==> flow/design.v <==
module multiplier_stage (clk, rs1, res);
  parameter integer DWIDTH = 56;
  parameter integer FACTOR = 365;
  localparam integer RES_W = DWIDTH + $clog2(FACTOR + 1);
  input clk;
  input [DWIDTH-1:0] rs1;
  output reg [RES_W-1:0] res;
  reg [RES_W-1:0] t;
  integer idx;
  always @* begin
    t = 0;
    for (idx = 0; idx < RES_W - DWIDTH; idx = idx + 1)
      if ((FACTOR >> idx) & 1) t = t + (rs1 << idx);
  end
  always @(posedge clk) begin
    res <= t;
  end
endmodule
Step by step through the tools: multiplier_stage
Tool output for the design above, in the order of the flow.
Line numbers count from 1 in the design file above.
Operators carry their Yosys type and port widths (W data, S select, Z words).
Library cell names are shortened.
{"block": "setup", "top_module": "multiplier_stage", "clock_port": "clk", "library": "sky130hd", "corner": "tt_025C_1v80"}

After elaboration
Source: Yosys, flattened and elaborated, memories not mapped. Widths are those after wreduce; folded enables and synchronous resets count as part of the registers. Registers that Yosys merges into a memory's read port (data or address) are not register bits. Print and check cells do not count. Equal cells are merged and count once.
{"block": "word_totals", "register_bits": 65, "inputBits": 57, "out_inout_bits": 65, "word_cells": 6}
{"block": "op_classes", "add_sub_neg": 5}
{"block": "ops", "cell": "$add A63 B64 Y65", "count": 1}
{"block": "ops", "cell": "$add A62 B62 Y63", "count": 1}
{"block": "ops", "cell": "$add A60 B61 Y62", "count": 1}
{"block": "ops", "cell": "$add A59 B59 Y60", "count": 1}
{"block": "ops", "cell": "$add A56 B58 Y59", "count": 1}

Depth
Depth = most cells in a row (Yosys ltp): at word level without a register or memory, in the mapped netlist without a sequential cell, where the memories' decode and read muxes count.
{"block": "depth", "depth_word": 5, "abc_area": 0, "ltp_mapped": 17, "mapped_depth_nobuf": 16}

Synthesis result
Source: synth_stat.txt of the flow (Yosys; design flattened, memories mapped). It holds for the ABC_AREA given above (unset counts as 0); a run with the other value may have another netlist.
{"block": "types", "cell_type": "fa_1", "count": 208, "area_total_um2": 4.16E+03}
{"block": "types", "cell_type": "dfxtp_1", "count": 65, "area_total_um2": 1.3E+03}
{"block": "types", "cell_type": "inv_1", "count": 334, "area_total_um2": 1.25E+03}
{"block": "types", "cell_type": "ha_1", "count": 80, "area_total_um2": 1000.96}
{"block": "types", "cell_type": "a21o_1", "count": 45, "area_total_um2": 337.824}
{"block": "types", "cell_type": "a21oi_1", "count": 61, "area_total_um2": 305.293}
{"block": "types", "cell_type": "xnor2_1", "count": 33, "area_total_um2": 289.027}
{"block": "types", "cell_type": "xor2_1", "count": 23, "area_total_um2": 201.443}
{"block": "types", "cell_type": "nand2_1", "count": 52, "area_total_um2": 195.187}
{"block": "types", "cell_type": "o21ai_0", "count": 35, "area_total_um2": 175.168}
{"block": "types", "cell_type": "nor2_1", "count": 34, "area_total_um2": 127.622}
{"block": "types", "cell_type": "o21bai_1", "count": 10, "area_total_um2": 75.072}
{"block": "types", "cell_type": "clkbuf_8", "count": 5, "area_total_um2": 68.816}
{"block": "types", "cell_type": "nand4_1", "count": 11, "area_total_um2": 68.816}
{"block": "types", "cell_type": "a211oi_1", "count": 8, "area_total_um2": 60.058}
{"block": "types", "cell_type": "a21boi_0", "count": 6, "area_total_um2": 45.043}
{"block": "types", "cell_type": "o211ai_1", "count": 6, "area_total_um2": 45.043}
{"block": "types", "cell_type": "and3_1", "count": 7, "area_total_um2": 43.792}
Not listed: further types 50, cells in them 109.
{"block": "mapped", "area_um2": 10641.5, "ffs": 65, "seqArea_um2": 1301.2, "cells": 1132, "buf_cells": 19}

Timing after synthesis
Path of least setup slack by OpenSTA after synthesis, without wires, with an ideal clock, recovery checks aside; 20% of the period is set as input and as output delay. Where synthesis merged equal registers, the netlist keeps one of their names.
{"block": "synth_timing", "kind": "input -> register", "start": "in rs1[17]", "end": "reg res[61]", "n_path_buf": 1, "t_arrival_ns": 5.087, "input_delay_ns": 1.242, "t_first_pin_ns": 1.242, "period_ns": 6.21, "required_time_ns": 6.083, "setup_time_ns": 0.127, "delay_ns": 3.972, "path_stages": 17, "slack_ns": 0.996, "synth_period_reached_ns": 5.214}
"delay_ns" = arrival - input delay + setup time.
"path_stages" counts driving pins, that of a launching flip-flop among them; a cell with two outputs on the path counts twice.
"synth_period_reached_ns" is the clock period less the worst setup slack; recovery checks do not enter. This is arithmetic on one report: input and output delays are still those of the set period (20% each).
Between the ends stands the longest chain of elaborated cells between them, by number of cells; it is not shown to be the way that was timed. Of several equally long chains one is given.
A line is the first line of the expression or statement that the cell stems from. Yosys adds cells for indexed reads and writes and turns some case tables into memories.
{"block": "synth_between", "path_cell_list": "inv_1 -> fa_1 -> inv_1 -> fa_1 -> inv_1 -> fa_1 -> inv_1 -> ha_1 -> buf_6 -> nand2_1 -> or4_4 -> or4_4 -> o32ai_2 -> o31ai_2 -> a21bo_2 -> a21oi_1 -> a211oi_2", "elab_chain_cells": 5, "cone_cells": 5, "cone_lines": 1, "classes_between": "5 x add/sub"}
{"block": "synth_rtl", "item": "from (decl)", "line_no": 6, "source": "input [DWIDTH-1:0] rs1;"}
{"block": "synth_rtl", "item": "$add A56 B58 Y59", "line_no": 13, "source": "if ((FACTOR >> idx) & 1) t = t + (rs1 << idx);"}
{"block": "synth_rtl", "item": "$add A59 B59 Y60", "line_no": 13}
{"block": "synth_rtl", "item": "$add A60 B61 Y62", "line_no": 13}
{"block": "synth_rtl", "item": "$add A62 B62 Y63", "line_no": 13}
{"block": "synth_rtl", "item": "$add A63 B64 Y65", "line_no": 13}
{"block": "synth_rtl", "item": "to (assign)", "line_no": 16, "source": "res <= t;"}
{"block": "synth_rtl", "item": "to (decl)", "line_no": 7, "source": "output reg [RES_W-1:0] res;"}

Worst path after layout
From the final timing report of record 1: the path of least setup slack in the routed layout; clock arrival at registers is part of the times.
{"block": "layout_timing", "kind": "input -> register", "start": "in rs1[22]", "end": "reg res[57]", "required_time_ns": 5.27, "period_ns": 4.99, "input_delay_ns": 1.00, "path_stages": 19, "n_path_buf": 3, "t_first_pin_ns": 1.00, "setup_time_ns": 0.08, "t_arrival_ns": 5.16, "slack_ns": 0.11}
Between the ends stands the longest chain of elaborated cells between them, by number of cells; it is not shown to be the way that was timed. Of several equally long chains one is given.
{"block": "layout_between", "path_cell_list": "buf_12 -> inv_8 -> buf_4 -> fa_1 -> inv_1 -> fa_1 -> inv_1 -> fa_1 -> inv_2 -> ha_4 -> nand4_1 -> or4_4 -> or4_4 -> o32ai_4 -> o31ai_4 -> a21boi_2 -> buf_4 -> o21ai_2 -> a211oi_2", "elab_chain_cells": 5, "cone_cells": 5, "cone_lines": 1, "classes_between": "5 x add/sub"}
{"block": "layout_rtl", "item": "from (decl)", "line_no": 6, "source": "input [DWIDTH-1:0] rs1;"}
{"block": "layout_rtl", "item": "$add A56 B58 Y59", "line_no": 13, "source": "if ((FACTOR >> idx) & 1) t = t + (rs1 << idx);"}
{"block": "layout_rtl", "item": "$add A59 B59 Y60", "line_no": 13}
{"block": "layout_rtl", "item": "$add A60 B61 Y62", "line_no": 13}
{"block": "layout_rtl", "item": "$add A62 B62 Y63", "line_no": 13}
{"block": "layout_rtl", "item": "$add A63 B64 Y65", "line_no": 13}
{"block": "layout_rtl", "item": "to (assign)", "line_no": 16, "source": "res <= t;"}
{"block": "layout_rtl", "item": "to (decl)", "line_no": 7, "source": "output reg [RES_W-1:0] res;"}

==> results <==
Record of 3 stored runs of the RTL-to-layout flow on multiplier_stage, platform sky130hd. The runs are unordered. Constraints: input delay and output delay 20% of the set period each, output load 0.01 pF.
"worst_setup_path_time_ns" means the part of the period allowed to the worst setup path (the constraints hold back 20% at inputs and 20% at outputs) less its slack; where the path has registers, the arrival times of their clocks count too.
By "total_power_mw" is meant OpenSTA's value without simulated activity: inputs other than the clock are taken to toggle once in ten clock periods, and the tool carries that through the logic.

Record 1
==> flow/run.sh <==
#!/bin/bash
# the make line also repeats the synthesis and layout settings of config.mk as NAME=value (left out here)
make -C /OpenROAD-flow-scripts/flow DESIGN_CONFIG=/design/flow/config.mk WORK_HOME=/design/flow/orfs CLKGATE_MAP_FILE= finish
==> flow/config.mk <==
export PLATFORM = sky130hd
export DESIGN_NAME = multiplier_stage
export DESIGN_NICKNAME = multiplier_stage
export VERILOG_FILES = /design/flow/design.v
export SDC_FILE = /design/flow/constraint.sdc
export NUM_CORES = 4
export LEC_CHECK = 0
export CAP_MARGIN = 0
export CORE_MARGIN = 2
export CORE_UTILIZATION = 29
export MAX_ROUTING_LAYER = met5
export MIN_ROUTING_LAYER = met1
export PLACE_DENSITY_LB_ADDON = 0.2
export SETUP_SLACK_MARGIN = 1.21
export SLEW_MARGIN = 20
==> flow/constraint.sdc <==
create_clock -name core_clock -period 4.99 [get_ports {clk}]
set_input_delay 0.9980 -clock core_clock [delete_from_list [all_inputs] [get_ports {clk}]]
set_output_delay 0.9980 -clock core_clock [all_outputs]
set_load 0.01 [all_outputs]

==> results of record 1, as JSON <==
{
  "ys_area_um2": 10641.5,
  "dieArea_um2": 38243.7,
  "post_route_stdcell_area_um2": 17449.2,
  "worstSetupSlack_ns": 0.113,
  "setupTns_ns": 0.000,
  "hold_worst_slack_ns": 0.824,
  "total_power_mw": 13.536,
  "worst_setup_path_time_ns": 3.88,
  "critical_path_type": "input -> register"
}

Record 2
==> flow/run.sh <==
#!/bin/bash
# the make line also repeats the synthesis and layout settings of config.mk as NAME=value (left out here)
make -C /OpenROAD-flow-scripts/flow DESIGN_CONFIG=/design/flow/config.mk WORK_HOME=/design/flow/orfs CLKGATE_MAP_FILE= finish
==> flow/config.mk <==
export PLATFORM = sky130hd
export DESIGN_NAME = multiplier_stage
export DESIGN_NICKNAME = multiplier_stage
export VERILOG_FILES = /design/flow/design.v
export SDC_FILE = /design/flow/constraint.sdc
export NUM_CORES = 4
export LEC_CHECK = 0
export CAP_MARGIN = 20
export CORE_MARGIN = 2
export CORE_UTILIZATION = 40
export SLEW_MARGIN = 20
==> flow/constraint.sdc <==
create_clock -name core_clock -period 6.21 [get_ports {clk}]
set_input_delay 1.2420 -clock core_clock [delete_from_list [all_inputs] [get_ports {clk}]]
set_output_delay 1.2420 -clock core_clock [all_outputs]
set_load 0.01 [all_outputs]

==> results of record 2, as JSON <==
{
  "ys_area_um2": 10641.5,
  "dieArea_um2": 27924.1,
  "post_route_stdcell_area_um2": 12973.7,
  "worstSetupSlack_ns": 0.425,
  "setupTns_ns": 0.000,
  "hold_worst_slack_ns": 1.524,
  "total_power_mw": 6.668,
  "worst_setup_path_time_ns": 4.54,
  "critical_path_type": "input -> register"
}

Record 3
==> flow/run.sh <==
#!/bin/bash
# the make line also repeats the synthesis and layout settings of config.mk as NAME=value (left out here)
make -C /OpenROAD-flow-scripts/flow DESIGN_CONFIG=/design/flow/config.mk WORK_HOME=/design/flow/orfs CLKGATE_MAP_FILE= finish
==> flow/config.mk <==
export PLATFORM = sky130hd
export DESIGN_NAME = multiplier_stage
export DESIGN_NICKNAME = multiplier_stage
export VERILOG_FILES = /design/flow/design.v
export SDC_FILE = /design/flow/constraint.sdc
export NUM_CORES = 4
export LEC_CHECK = 0
export CAP_MARGIN = 20
export CELL_PAD_IN_SITES_DETAIL_PLACEMENT = 1
export CORE_MARGIN = 4
export CORE_UTILIZATION = 27
export GPL_ROUTABILITY_DRIVEN = 0
export HOLD_SLACK_MARGIN = 0.1
export MAX_ROUTING_LAYER = met4
export PLACE_DENSITY_LB_ADDON = 0.14
export SLEW_MARGIN = 40
==> flow/constraint.sdc <==
create_clock -name core_clock -period 3.07 [get_ports {clk}]
set_input_delay 0.6140 -clock core_clock [delete_from_list [all_inputs] [get_ports {clk}]]
set_output_delay 0.6140 -clock core_clock [all_outputs]
set_load 0.01 [all_outputs]

==> results of record 3, as JSON <==
{
  "ys_area_um2": 10641.5,
  "dieArea_um2": 42652.6,
  "post_route_stdcell_area_um2": 17790.8,
  "worstSetupSlack_ns": -1.439,
  "setupTns_ns": -57.664,
  "hold_worst_slack_ns": 0.463,
  "total_power_mw": 22.995,
  "worst_setup_path_time_ns": 3.90,
  "critical_path_type": "input -> register"
}
